==> flow/design.v <==
module core_mag_cmp_v2 #(
  parameter integer W = 64
) (
  input  wire clk,
  input  wire valid,
  input  wire signed [W-1:0] rs1_in,
  input  wire signed [W-1:0] rs2_in,
  output wire a_lt_b_out,
  output wire match_out,
  output wire a_gt_b_out
);
  reg signed [W-1:0] rs1_d1;
  reg signed [W-1:0] rs2_d1;
  always @(posedge clk) begin
    if (valid) begin
      rs1_d1 <= rs1_in;
      rs2_d1 <= rs2_in;
    end
  end
  assign a_lt_b_out = (rs1_d1 < rs2_d1);
  assign match_out = (rs1_d1 == rs2_d1);
  assign a_gt_b_out = (rs1_d1 > rs2_d1);
endmodule
From RTL to reports: core_mag_cmp_v2. What the tools print for core_mag_cmp_v2, step after step. Line numbers count from 1 in the design file above. Operators: Yosys type, input widths -> output width; for muxes data width and select width s. Not given: -

Top module: core_mag_cmp_v2. Clock input: clk. Library: sky130hd. Corner: tt_025C_1v80.

Word-level counts. Counts by Yosys on the flattened word-level netlist (proc, flatten, opt, wreduce; memories kept). Register bits leave out memories and registers merged into their read ports (data or address); mux counts leave out enables and synchronous resets folded into registers. Print and check cells are left out. Cells with the same type and inputs are merged into one.

Under register bits stands 128. Under bits in latches stands 0. The entry for bits in writable memories reads 0. The figure for memory bits (read-only) is 0. The entry for clocked read ports x word width reads 0. The figure for memory cells is 0. The figure for input bits is 130. The figure for output and inout port bits is 3. For word-level cells the number is 5.

Under $add $sub $neg stands 0. For multiply operators the number is 0. Div/mod/pow operators: 0. Under $lt $le $gt $ge stands 2. Under eq/ne operators stands 1. Under shifts and indexed selects stands 0. The figure for muxes and demuxes is 0. Bitwise logic cells: 0. The figure for reduce/logical cells is 0.

Operators with widths (number): $gt 64x64->1 (1); $lt 64x64->1 (1); $eq 64x64->1 (1).

Logic depth. Longest topological path by Yosys (ltp), each cell counted once; first at word level (registers and memories cut), then after technology mapping (sequential cells cut; the memories' decode and read muxes count).

Under depth in word-level cells stands 1. Under ABC_AREA stands 0. For gate-level depth with buffers the number is 9. The entry for depth with buffers taken out reads 9.

After synthesis. Source: synth_stat.txt of the flow (Yosys; design flattened, memories mapped). It holds for the ABC_AREA given above (unset counts as 0); a run with the other value may have another netlist. Totals and module areas in this step are rounded.

Cell types: sky130_fd_sc_hd__edfxtp_1 (number 128, total area 3.84E+03 sq um); sky130_fd_sc_hd__ha_1 (number 64, total area 800.768 sq um); sky130_fd_sc_hd__inv_1 (number 65, total area 243.984 sq um); sky130_fd_sc_hd__a21oi_1 (number 25, total area 125.12 sq um); sky130_fd_sc_hd__nand4_1 (number 13, total area 81.328 sq um); sky130_fd_sc_hd__nand2_1 (number 19, total area 71.318 sq um); sky130_fd_sc_hd__nand3_1 (number 7, total area 35.034 sq um); sky130_fd_sc_hd__a221oi_1 (number 3, total area 26.275 sq um); sky130_fd_sc_hd__nand4_2 (number 2, total area 25.024 sq um); sky130_fd_sc_hd__nor3_1 (number 5, total area 25.024 sq um); sky130_fd_sc_hd__a211oi_1 (number 3, total area 22.522 sq um); sky130_fd_sc_hd__a21o_1 (number 3, total area 22.522 sq um); sky130_fd_sc_hd__nor4_4 (number 1, total area 21.27 sq um); sky130_fd_sc_hd__o21ai_0 (number 4, total area 20.019 sq um); sky130_fd_sc_hd__o21ai_1 (number 4, total area 20.019 sq um); sky130_fd_sc_hd__nor2_1 (number 5, total area 18.768 sq um); sky130_fd_sc_hd__and4_1 (number 2, total area 17.517 sq um); sky130_fd_sc_hd__nand2b_4 (number 1, total area 13.763 sq um).

Other cell types: 12; their cells: 12.

Under mapped cells stands 366. Cell area after synthesis: 5530 sq um. Under sequential part of the area stands 3840 sq um. The entry for flip-flops reads 128. The figure for buffers is 0.

Worst setup path after synthesis. Source: OpenSTA report_checks on the synthesized netlist (no wires, ideal clock, input and output delay 20% of the period each), path of least setup slack; recovery checks are left aside. Register names are those of the netlist, which keeps one name where synthesis merged equal registers.

Kind: register to output. Start point: reg rs1_d1[63]. End point: out a_gt_b_out. Under clock period stands 3.1 ns. The entry for external output delay reads 0.620 ns. The figure for launch time at the first pin is 0.000 ns. The figure for data arrival time is 1.985 ns. The figure for data required time is 2.480 ns. Under slack stands 0.495 ns. Under path delay stands 1.985 ns. The entry for stages on the path reads 8. Under path buffers stands 0. Under synthesis period reached stands 2.605 ns.

"path delay" is the arrival time less input delay plus setup time. A path that ends at an output port has no setup time. "stages on the path": output pins that drive a net of the path, with the launching flip-flop's if there is one; two outputs of one cell count as two. "synthesis period reached" is the clock period less the worst setup slack; recovery checks do not enter. This is arithmetic on one report: input and output delays are still those of the set period (20% each). The rows between start and end are the longest chain of elaborated cells between them; the timing report does not say that the signal goes this way. Where chains are equally long, one stands for them. Each line given opens the expression or statement behind the cell; cells for indexed reads and writes are added by Yosys, which also makes memories of some case tables.

Cell sequence: sky130_fd_sc_hd__edfxtp_1 sky130_fd_sc_hd__ha_1 sky130_fd_sc_hd__nand4_2 sky130_fd_sc_hd__nor4_4 sky130_fd_sc_hd__nand4_1 sky130_fd_sc_hd__nand2b_4 sky130_fd_sc_hd__o211ai_2 sky130_fd_sc_hd__mux2i_1. The figure for length of the longest elaborated chain is 1. The figure for elaborated cells on any way between the ends is 1. RTL lines with such cells: 1. Those cells by class: 1 x compare.

Ends and longest elaborated chain, post-synthesis: from (decl) (RTL line 12) `reg signed [W-1:0] rs1_d1;`; from (assign) (RTL line 16) `rs1_d1 <= rs1_in;`; $gt 64x64->1 (RTL line 22) `assign a_gt_b_out = (rs1_d1 > rs2_d1);`; to (decl) (RTL line 10) `output wire a_gt_b_out`.

Worst path after layout. From the final timing report of run 1: the path of least setup slack in the routed layout; clock arrival at registers is part of the times.

Kind: register to output. Start point: reg rs1_d1[61]. End point: out a_gt_b_out. Under clock period stands 2.2 ns. The entry for external output delay reads 0.44 ns. The figure for launch time at the first pin is 0.42 ns. The figure for data arrival time is 2.69 ns. The figure for data required time is 1.76 ns. Under slack stands -0.93 ns. The entry for stages on the path reads 10. Under path buffers stands 2.

The rows between start and end are the longest chain of elaborated cells between them; the timing report does not say that the signal goes this way. Where chains are equally long, one stands for them.

Cell sequence: sky130_fd_sc_hd__edfxtp_1 sky130_fd_sc_hd__ha_4 sky130_fd_sc_hd__nand4_4 sky130_fd_sc_hd__nor4_4 sky130_fd_sc_hd__buf_4 sky130_fd_sc_hd__nand4_1 sky130_fd_sc_hd__nand2b_4 sky130_fd_sc_hd__o211ai_4 sky130_fd_sc_hd__mux2i_2 sky130_fd_sc_hd__buf_2. The figure for length of the longest elaborated chain is 1. The figure for elaborated cells on any way between the ends is 1. RTL lines with such cells: 1. Those cells by class: 1 x compare.

Ends and longest elaborated chain, post-layout: from (decl) (RTL line 12) `reg signed [W-1:0] rs1_d1;`; from (assign) (RTL line 16) `rs1_d1 <= rs1_in;`; $gt 64x64->1 (RTL line 22) `assign a_gt_b_out = (rs1_d1 > rs2_d1);`; to (decl) (RTL line 10) `output wire a_gt_b_out`.

Add stored flow runs of core_mag_cmp_v2

Measured results for core_mag_cmp_v2: 3 stored runs of the Yosys and OpenROAD flow on sky130hd. The settings differ; the order carries no meaning. The constraints put input and output delay at 20% of the set period each and load the outputs with 0.01 pF. "period reached" is the run's clock period less its worst setup slack. It is reckoned from that one timing run; input and output delays stay at 20% of the period that was set. "overall power" is the tool's figure for a default switching activity; nothing was simulated. Measured values are rounded.

Files of run 1:
==> flow/run.sh <==
#!/bin/bash
# the make line also repeats the synthesis and layout settings of config.mk as NAME=value (left out here)
make -C /OpenROAD-flow-scripts/flow DESIGN_CONFIG=/design/flow/config.mk WORK_HOME=/design/flow/orfs CLKGATE_MAP_FILE= finish
==> flow/config.mk <==
export PLATFORM = sky130hd
export DESIGN_NAME = core_mag_cmp_v2
export DESIGN_NICKNAME = core_mag_cmp_v2
export VERILOG_FILES = /design/flow/design.v
export SDC_FILE = /design/flow/constraint.sdc
export NUM_CORES = 4
export LEC_CHECK = 0
export CAP_MARGIN = 35
export CELL_PAD_IN_SITES_DETAIL_PLACEMENT = 0
export CELL_PAD_IN_SITES_GLOBAL_PLACEMENT = 2
export CORE_ASPECT_RATIO = 0.72
export CORE_MARGIN = 4
export CORE_UTILIZATION = 21
export CTS_CLUSTER_SIZE = 59
export MAX_ROUTING_LAYER = met4
export MIN_ROUTING_LAYER = met1
export PLACE_DENSITY_LB_ADDON = 0.26
export SETUP_SLACK_MARGIN = 0.41
export SLEW_MARGIN = 20
export TNS_END_PERCENT = 65
==> flow/constraint.sdc <==
create_clock -name core_clock -period 2.2 [get_ports {clk}]
set_input_delay 0.4400 -clock core_clock [delete_from_list [all_inputs] [get_ports {clk}]]
set_output_delay 0.4400 -clock core_clock [all_outputs]
set_load 0.01 [all_outputs]

Results of run 1. For the setup total negative slack the run shows -2.50 ns. The overall power reads 0.00662 W. For the post-route worst hold slack the run shows 0.471 ns. The area of the die is 29,000 sq um. The period reached comes to 3.131 ns. The chip area in the Yosys report is 5,530 sq um. The measured standard-cell area after routing is 8,340 sq um. The smallest setup slack reads -0.931 ns. The final utilization stands at 32.1%.

Files of run 2:
==> flow/run.sh <==
#!/bin/bash
# the make line also repeats the synthesis and layout settings of config.mk as NAME=value (left out here)
make -C /OpenROAD-flow-scripts/flow DESIGN_CONFIG=/design/flow/config.mk WORK_HOME=/design/flow/orfs CLKGATE_MAP_FILE= finish
==> flow/config.mk <==
export PLATFORM = sky130hd
export DESIGN_NAME = core_mag_cmp_v2
export DESIGN_NICKNAME = core_mag_cmp_v2
export VERILOG_FILES = /design/flow/design.v
export SDC_FILE = /design/flow/constraint.sdc
export NUM_CORES = 4
export LEC_CHECK = 0
export ABC_AREA = 0
export CAP_MARGIN = 10
export CELL_PAD_IN_SITES_DETAIL_PLACEMENT = 2
export CELL_PAD_IN_SITES_GLOBAL_PLACEMENT = 2
export CORE_ASPECT_RATIO = 1.93
export CORE_MARGIN = 2
export CORE_UTILIZATION = 28
export CTS_CLUSTER_DIAMETER = 167
export GPL_TIMING_DRIVEN = 0
export MAX_ROUTING_LAYER = met4
export MIN_ROUTING_LAYER = met2
export PLACE_DENSITY_LB_ADDON = 0.06
export SLEW_MARGIN = 20
export TNS_END_PERCENT = 20
==> flow/constraint.sdc <==
create_clock -name core_clock -period 2.46 [get_ports {clk}]
set_input_delay 0.4920 -clock core_clock [delete_from_list [all_inputs] [get_ports {clk}]]
set_output_delay 0.4920 -clock core_clock [all_outputs]
set_load 0.01 [all_outputs]

Results of run 2. For the setup total negative slack the run shows -1.83 ns. The overall power reads 0.00582 W. For the post-route worst hold slack the run shows 0.553 ns. The area of the die is 21,000 sq um. The period reached comes to 3.144 ns. The chip area in the Yosys report is 5,530 sq um. The measured standard-cell area after routing is 8,090 sq um. The smallest setup slack reads -0.684 ns. The final utilization stands at 41.6%.

Files of run 3:
==> flow/run.sh <==
#!/bin/bash
# the make line also repeats the synthesis and layout settings of config.mk as NAME=value (left out here)
make -C /OpenROAD-flow-scripts/flow DESIGN_CONFIG=/design/flow/config.mk WORK_HOME=/design/flow/orfs CLKGATE_MAP_FILE= finish
==> flow/config.mk <==
export PLATFORM = sky130hd
export DESIGN_NAME = core_mag_cmp_v2
export DESIGN_NICKNAME = core_mag_cmp_v2
export VERILOG_FILES = /design/flow/design.v
export SDC_FILE = /design/flow/constraint.sdc
export NUM_CORES = 4
export LEC_CHECK = 0
export CAP_MARGIN = 20
export CORE_MARGIN = 2
export CORE_UTILIZATION = 40
export SLEW_MARGIN = 20
==> flow/constraint.sdc <==
create_clock -name core_clock -period 3.1 [get_ports {clk}]
set_input_delay 0.6200 -clock core_clock [delete_from_list [all_inputs] [get_ports {clk}]]
set_output_delay 0.6200 -clock core_clock [all_outputs]
set_load 0.01 [all_outputs]

Results of run 3. For the setup total negative slack the run shows -0.265 ns. The overall power reads 0.00456 W. For the post-route worst hold slack the run shows 0.759 ns. The area of the die is 14,800 sq um. The period reached comes to 3.259 ns. The chip area in the Yosys report is 5,530 sq um. The measured standard-cell area after routing is 8,000 sq um. The smallest setup slack reads -0.159 ns. The final utilization stands at 59.9%.
